==> flow/design.v <==
module sync_mux_blk #(
  parameter DWIDTH = 16
) (
  input  wire clk,
  input  wire rst_i,
  input  wire clk_en,
  input  wire [DWIDTH-1:0] bus0,
  input  wire [DWIDTH-1:0] bus1,
  input  wire [DWIDTH-1:0] bus2,
  input  wire [DWIDTH-1:0] bus3,
  input  wire [DWIDTH-1:0] bus4,
  input  wire [DWIDTH-1:0] bus5,
  input  wire [DWIDTH-1:0] bus6,
  input  wire [DWIDTH-1:0] bus7,
  input  wire [DWIDTH-1:0] bus8,
  input  wire [DWIDTH-1:0] bus9,
  input  wire [DWIDTH-1:0] bus10,
  input  wire [DWIDTH-1:0] bus11,
  input  wire [DWIDTH-1:0] bus12,
  input  wire [DWIDTH-1:0] bus13,
  input  wire [DWIDTH-1:0] bus14,
  input  wire [DWIDTH-1:0] bus15,
  input  wire [3:0] sel,
  output reg [DWIDTH-1:0] out
);
  reg [DWIDTH-1:0] r_bus0;
  reg [DWIDTH-1:0] r_bus1;
  reg [DWIDTH-1:0] r_bus2;
  reg [DWIDTH-1:0] r_bus3;
  reg [DWIDTH-1:0] r_bus4;
  reg [DWIDTH-1:0] r_bus5;
  reg [DWIDTH-1:0] r_bus6;
  reg [DWIDTH-1:0] r_bus7;
  reg [DWIDTH-1:0] r_bus8;
  reg [DWIDTH-1:0] r_bus9;
  reg [DWIDTH-1:0] r_bus10;
  reg [DWIDTH-1:0] r_bus11;
  reg [DWIDTH-1:0] r_bus12;
  reg [DWIDTH-1:0] r_bus13;
  reg [DWIDTH-1:0] r_bus14;
  reg [DWIDTH-1:0] r_bus15;
  reg [3:0] r_sel;
  always @(posedge clk) begin
    if (rst_i) begin
      r_bus0 <= 0;
      r_bus1 <= 0;
      r_bus2 <= 0;
      r_bus3 <= 0;
      r_bus4 <= 0;
      r_bus5 <= 0;
      r_bus6 <= 0;
      r_bus7 <= 0;
      r_bus8 <= 0;
      r_bus9 <= 0;
      r_bus10 <= 0;
      r_bus11 <= 0;
      r_bus12 <= 0;
      r_bus13 <= 0;
      r_bus14 <= 0;
      r_bus15 <= 0;
      r_sel <= 0;
    end else if (clk_en) begin
      r_bus0 <= bus0;
      r_bus1 <= bus1;
      r_bus2 <= bus2;
      r_bus3 <= bus3;
      r_bus4 <= bus4;
      r_bus5 <= bus5;
      r_bus6 <= bus6;
      r_bus7 <= bus7;
      r_bus8 <= bus8;
      r_bus9 <= bus9;
      r_bus10 <= bus10;
      r_bus11 <= bus11;
      r_bus12 <= bus12;
      r_bus13 <= bus13;
      r_bus14 <= bus14;
      r_bus15 <= bus15;
      r_sel <= sel;
    end
  end
  reg [DWIDTH-1:0] r;
  always @* begin
    case (r_sel)
      4'b0000: r = r_bus0;
      4'b0001: r = r_bus1;
      4'b0010: r = r_bus2;
      4'b0011: r = r_bus3;
      4'b0100: r = r_bus4;
      4'b0101: r = r_bus5;
      4'b0110: r = r_bus6;
      4'b0111: r = r_bus7;
      4'b1000: r = r_bus8;
      4'b1001: r = r_bus9;
      4'b1010: r = r_bus10;
      4'b1011: r = r_bus11;
      4'b1100: r = r_bus12;
      4'b1101: r = r_bus13;
      4'b1110: r = r_bus14;
      default: r = r_bus15;
    endcase
  end
  always @(posedge clk) begin
    if (rst_i) begin
      out <= 0;
    end else if (clk_en) begin
      out <= r;
    end
  end
endmodule
Reports on sync_mux_blk --
Tool output for the design above, in the order of the flow. Line numbers count from 1 in the design file above. Cell names lack the library's common part. The mark - stands for no value.
Inputs: design top sync_mux_blk, clock clk, cell library sky130hd, timing corner tt_025C_1v80

Word-level counts --
Yosys after proc, flatten, opt, wreduce and memory -nomap, before mapping. Enables and synchronous resets that opt folds into registers are not counted as muxes. Memory bits, and registers merged into a memory's read port (data or address), are not among the register bits. Print and check cells are not counted. Equal cells are merged and count once.
Word-level totals: register bits 276, input port bits 263, output and inout bits 16, elaborated cells 34
Operators by class: equality and inequality tests 14, mux-type cells 1, reductions and logical operators 1
Operator list (count):
- 16-bit case mux with 15-bit select | 1
- 4-bit equality test with constant B | 7
- 4-bit by 3-bit equality test with 1-bit output with constant B | 4
- 4-bit by 2-bit equality test with 1-bit output with constant B | 2
- 4-bit by 1-bit equality test with 1-bit output with constant B | 1
- 4-bit zero test | 1

Logic depth --
Longest topological path by Yosys (ltp), each cell counted once; first at word level (registers and memories cut), then after technology mapping (sequential cells cut; the memories' decode and read muxes count).
Logic depth: depth after elaboration 2, ABC_AREA 0, depth in mapped cells 8, gate-level depth less buffers 5

Netlist --
Source: synth_stat.txt of the flow (Yosys; design flattened, memories mapped). It holds for the ABC_AREA given above (unset counts as 0); a run with the other value may have another netlist.
Cells by type:
- dfxtp_1 | count 276, area in all 5.53E+03 µm²
- mux2i_1 | count 297, area in all 2.97E+03 µm²
- nor2_1 | count 298, area in all 1.12E+03 µm²
- buf_2 | count 39, area in all 195.187 µm²
- mux2_2 | count 17, area in all 191.434 µm²
- a22oi_1 | count 25, area in all 187.68 µm²
- a2111oi_2 | count 11, area in all 165.158 µm²
- nand2_1 | count 43, area in all 161.405 µm²
- clkbuf_1 | count 38, area in all 142.637 µm²
- o21ai_0 | count 24, area in all 120.115 µm²
- a21oi_1 | count 20, area in all 100.096 µm²
- a221o_1 | count 9, area in all 90.086 µm²
- buf_6 | count 8, area in all 90.086 µm²
- o2111ai_1 | count 8, area in all 70.067 µm²
- buf_4 | count 8, area in all 60.058 µm²
- a211oi_1 | count 7, area in all 52.55 µm²
- nand2b_1 | count 8, area in all 50.048 µm²
- or2_1 | count 8, area in all 50.048 µm²
Other cell types: 41; their cells: 84.
Synthesis totals: cell count 1228, synthesis area 12045.3 µm², sequential part of the area 5525.3 µm², mapped flip-flops 276, buffers 97

Worst setup path after synthesis --
Source: OpenSTA report_checks on the synthesized netlist (no wires, ideal clock, input and output delay 20% of the period each), path of least setup slack; recovery checks are left aside. Register names are those of the netlist, which keeps one name where synthesis merged equal registers.
Timing path after synthesis: kind register to register, start point reg r_sel[0], end point reg out[10], clock period 2.08 ns, library setup time 0.145 ns, launch time at the first pin 0.000 ns, data arrival time 1.520 ns, data required time 1.935 ns, setup slack 0.415 ns, delay of the path 1.665 ns, driving pins on the path 9, path buffers 3, synthesis period reached 1.665 ns
"delay of the path" is the arrival time less input delay plus setup time. "driving pins on the path": output pins that drive a net of the path, with the launching flip-flop's if there is one; two outputs of one cell count as two. "synthesis period reached" is the clock period less the worst setup slack; recovery checks do not enter. This is arithmetic on one report: input and output delays are still those of the set period (20% each). The rows between start and end are the longest chain of elaborated cells between them; the timing report does not say that the signal goes this way. Where chains are equally long, one stands for them. Each line given opens the expression or statement behind the cell; cells for indexed reads and writes are added by Yosys, which also makes memories of some case tables.
Between the ends, after synthesis: path through dfxtp_1 -> buf_6 -> buf_8 -> buf_6 -> mux2i_1 -> nor2_1 -> a221o_1 -> nor4_2 -> a2111oi_2, cells in the longest elaborated chain 2, elaborated cells between the ends (all ways) 16, RTL lines with such cells 1, classes of those cells 14 x eq/ne; 1 x mux; 1 x reduce/logical
RTL lines, path after synthesis:
- start: declaration | line 42 | reg [3:0] r_sel;
- start: assignment | line 61 | r_sel <= 0;
- start: assignment | line 79 | r_sel <= sel;
- 4-bit equality test | line 84 | case (r_sel)
- 16-bit case mux with 15-bit select | line 84
- end: assignment | line 105 | out <= 0;
- end: assignment | line 107 | out <= r;
- end: declaration | line 24 | output reg [DWIDTH-1:0] out

Worst path after layout --
From the final timing report of entry C: the path of least setup slack in the routed layout; clock arrival at registers is part of the times.
Timing path post-layout: kind register to output, start point reg out[9], end point out out[9], clock period 2.08 ns, output delay 0.42 ns, launch time at the first pin 0.57 ns, data arrival time 1.62 ns, data required time 1.66 ns, setup slack 0.05 ns, driving pins on the path 2, path buffers 1
Between the ends, post-layout: path through dfxtp_1 -> clkdlybuf4s50_1, cells in the longest elaborated chain 0, elaborated cells between the ends (all ways) 0, RTL lines with such cells 0
RTL lines, path post-layout:
- start: declaration | line 24 | output reg [DWIDTH-1:0] out
- start: assignment | line 105 | out <= 0;
- start: assignment | line 107 | out <= r;
- end: declaration | line 24

Below are 3 stored runs of the flow (Yosys, OpenROAD; platform sky130hd) on sync_mux_blk, each with its settings and what was measured, unordered. Constraints: input delay and output delay 20% of the set period each, output load 0.01 pF.
"achieved clock period" means the clock period less the worst setup slack. The figure is calculated, with input and output delays left at 20% of the set period.
"critical setup path time" is the time allowed to the run's worst setup path (the clock period less input and output delay, where it has them) less its slack. Clock arrival times count: a late capture clock shortens it, a late launch clock lengthens it.
By "power" is meant OpenSTA's value without simulated activity: inputs other than the clock are taken to toggle once in ten clock periods, and the tool carries that through the logic.

* Entry A | settings: period_ns 1.54; CORE_UTILIZATION 36; SETUP_SLACK_MARGIN 0.09; PLACE_DENSITY_LB_ADDON 0.23; CELL_PAD_IN_SITES_DETAIL_PLACEMENT 2; ABC_AREA 1; GPL_TIMING_DRIVEN 1; CTS_CLUSTER_SIZE 70; CTS_CLUSTER_DIAMETER 309; CAP_MARGIN 20; CORE_MARGIN 2; SLEW_MARGIN 20 | incomplete, clock tree synthesis halted on DPL-0033
* Entry B | settings: period_ns 1.27; CORE_UTILIZATION 65; SETUP_SLACK_MARGIN -0.12; PLACE_DENSITY_LB_ADDON 0.17; CORE_MARGIN 8; TNS_END_PERCENT 55; ABC_AREA 1; GPL_ROUTABILITY_DRIVEN 0; CTS_CLUSTER_DIAMETER 256; SLEW_MARGIN 30; MIN_ROUTING_LAYER met1; CAP_MARGIN 20 | incomplete, routing halted on ODB-0269
* Entry C | settings: period_ns 2.08; CAP_MARGIN 20; CORE_MARGIN 2; CORE_UTILIZATION 40; SLEW_MARGIN 20 | results: area of the standard cells in the finished layout 16325.7 µm²; critical setup path time 1.62 ns; worst setup path kind register to output; power 13.160 mW; chip area after synthesis (Yosys) 12045.3 µm²; post-route setup TNS 0.000 ns; achieved clock period 2.032 ns; final worst hold slack 0.112 ns; setup slack of the critical path 0.048 ns; utilization in the final report 55.1 %; die outline area 31516.9 µm²
